==> flow/design.v <==
module aligner_v2 #(
    parameter int DATA_W = 10,
    parameter int SW = $clog2(DATA_W)
) (
    input  logic clock,
    input  logic aresetn,
    input  logic [DATA_W-1:0] in,
    input  logic [SW-1:0] sh,
    output logic [DATA_W-1:0] z_o
);
    always_ff @(posedge clock or negedge aresetn) begin
        if (!aresetn) begin
            z_o <= '0;
        end else begin
            z_o <= in << sh;
        end
    end
endmodule
# Tool chain data of aligner_v2
# Tool output for the members of one design family, told apart by "DATA_W", in the order of the flow.
# The file above is the member DATA_W 10. Line numbers count from 1 in each member's own file.
# Cell names lack the library's common part.
# The mark n/a stands for no value.
# setup
top	aligner_v2
clock_port	clock
lib	sky130hd
pvt_corner	tt_025C_1v80

# Source of the members
# New or changed lines of each further member against the RTL above, in its own file; lines it lacks are not shown.
# src_changes
DATA_W	line_no	source
28	2	parameter int DATA_W = 28,
64	2	parameter int DATA_W = 64,
80	2	parameter int DATA_W = 80,

# After elaboration
# Yosys after proc, flatten, opt, wreduce and memory -nomap, before mapping. Enables and synchronous resets that opt folds into registers are not counted as muxes. Memory bits, and registers merged into a memory's read port (data or address), are not among the register bits. Print and check cells are not counted. Equal cells are merged and count once.
# word_totals
DATA_W	out_inout_bits	reg_bits	inputBits
10	10	10	16
28	28	28	35
64	64	64	72
80	80	80	89
# op_classes
DATA_W	n_shift
10	1
28	1
64	1
80	1
# op_table
DATA_W	operators
10	10-bit by 4-bit << shifter with 10-bit output (1)
28	28-bit by 5-bit << shifter with 28-bit output (1)
64	64-bit by 6-bit << shifter with 64-bit output (1)
80	80-bit by 7-bit << shifter with 80-bit output (1)

# Longest topological paths
# Yosys ltp: most cells in a row. Word level: on the elaborated netlist, between registers, memories and ports. Mapped: between sequential cells and ports; inverters and the memories' decode and read muxes count.
# depth
DATA_W	depth_word	abc_area	ltp_mapped
10	1	0	6
28	1	0	7
64	1	0	9
80	1	0	9

# After synthesis
# Source: synth_stat.txt of the flow (Yosys; design flattened, memories mapped). It holds for the ABC_AREA given above (unset counts as 0); a run with the other value may have another netlist.
# mapped
DATA_W	mapped_area_um2	buffers	ff_cells	cell_count	seqArea_um2
10	708.2	6	10	70	250.2
28	2245.9	17	28	186	700.7
64	6384.9	56	64	593	1601.5
80	7913.8	70	80	753	2001.9
# by_type
DATA_W	type_list
10	dfrtp_1 (10); mux2i_1 (7); mux2_2 (3); a2111oi_4 (1); nand2_1 (6); a21oi_1 (4); buf_12 (1); nand2b_1 (3); nor2_1 (5); a211o_1 (2); a2111oi_2 (1); mux2_4 (1); a211oi_2 (1); and4bb_2 (1); nor4_1 (2); o22ai_1 (2); buf_6 (1); buf_2 (2); [+17]
28	dfrtp_1 (28); mux4_2 (27); mux2i_1 (18); mux2_2 (12); nor2_1 (18); a211oi_1 (7); mux4_1 (2); nand2_1 (12); buf_2 (6); buf_4 (4); nand3b_1 (4); a22o_1 (3); a21oi_1 (5); o21ai_0 (5); buf_6 (2); o221ai_1 (2); clkbuf_1 (4); mux2_4 (1); [+26]
64	mux4_2 (85); dfrtp_1 (64); mux2i_1 (50); mux2_2 (28); nand2_1 (66); nor2_1 (54); o22ai_1 (20); a21oi_1 (17); a22oi_1 (11); buf_2 (16); clkbuf_1 (21); o21a_1 (10); mux2_1 (6); a211oi_1 (8); o21ai_0 (11); buf_4 (7); o211ai_1 (7); o221ai_1 (6); [+106]
80	dfrtp_1 (80); mux4_2 (80); mux2i_1 (98); mux2_2 (35); o22ai_1 (47); nand2_1 (64); nor2_1 (60); clkbuf_1 (38); a21oi_1 (21); o22a_1 (12); buf_12 (5); o21ai_0 (19); a221oi_1 (10); o211ai_1 (11); a211oi_1 (9); a22oi_1 (9); o221ai_1 (7); buf_2 (12); [+136]
# The mark [+n] counts cells that are not listed.

# Worst setup path after synthesis
# Path of least setup slack by OpenSTA after synthesis, without wires, with an ideal clock, recovery checks aside; 20% of the period is set as input and as output delay. Where synthesis merged equal registers, the netlist keeps one of their names.
# synth_path
DATA_W	path_kind	start	end	clock_period_ns	path_slack_ns	delay_ns	path_stages	synth_period_reached_ns
10	input to register	input port sh[0]	register z_o[8]	1.57	0.252	1.004	5	1.318
28	input to register	input port sh[0]	register z_o[26]	2.12	0.340	1.355	6	1.78
64	input to register	input port sh[0]	register z_o[61]	2.81	0.450	1.798	8	2.36
80	input to register	input port sh[0]	register z_o[79]	3.06	0.487	1.960	7	2.573
# "delay_ns" is the arrival time less input delay plus setup time.
# "path_stages": output pins that drive a net of the path, with the launching flip-flop's if there is one; two outputs of one cell count as two.
# "synth_period_reached_ns" is the clock period less the worst setup slack; recovery checks do not enter. This is arithmetic on one report: input and output delays are still those of the set period (20% each).
# The rows between start and end are the longest chain of elaborated cells between them; the timing report does not say that the signal goes this way. Where chains are equally long, one stands for them.
# A line is the first line of the expression or statement that the cell stems from. Yosys adds cells for indexed reads and writes and turns some case tables into memories.
# synth_between_DATA_W_10
elab_chain_len	1
# synth_rtl_DATA_W_10
item	line_no	source
start, declared	8	input  logic [SW-1:0] sh,
10-bit by 4-bit << shifter with 10-bit output	15	z_o <= in << sh;
end, assigned	13	z_o <= '0;
end, assigned	15
end, declared	9	output logic [DATA_W-1:0] z_o
# synth_between_DATA_W_80
elab_chain_len	1
# synth_rtl_DATA_W_80
item	line_no	source
start, declared	8	input  logic [SW-1:0] sh,
80-bit by 7-bit << shifter with 80-bit output	15	z_o <= in << sh;
end, assigned	13	z_o <= '0;
end, assigned	15
end, declared	9	output logic [DATA_W-1:0] z_o

# Timing after layout
# From the final timing report of the run of each member: the path of least setup slack in the routed layout; clock arrival at registers is part of the times.
# layout_path
DATA_W	path_kind	start	end	path_buffers	clock_period_ns	path_slack_ns	path_stages	t_arrival_ns
10	input to register	input port sh[2]	register z_o[7]	2	1.57	0.13	5	1.59
28	input to register	input port in[5]	register z_o[24]	1	2.12	0.14	5	2.14
64	input to register	input port in[10]	register z_o[43]	2	2.81	0.22	7	2.77
80	input to register	input port sh[2]	register z_o[70]	2	3.06	0.11	7	3.18

# Measured runs
# One run of the flow (Yosys, OpenROAD) for each member, with settings and measured results. Input and output delays are each 20% of the period that was set; the output load is 0.01 pF.
# flow_settings
CAP_MARGIN	20
CORE_MARGIN	2
CORE_UTILIZATION	40
SLEW_MARGIN	20
# settings_by_member
DATA_W	period_ns
10	1.57
28	2.12
64	2.81
80	3.06
# measured
DATA_W	synth_chip_area_um2	finish.utilization_pct	die_um2	fin_ws_ns	fin_tns_ns
10	708.2	63.4	2122.9	0.133	0.000
28	2245.9	58.9	6229.9	0.142	0.000
64	6384.9	56.2	16988.5	0.220	0.000
80	7913.8	57.6	20925.1	0.110	0.000
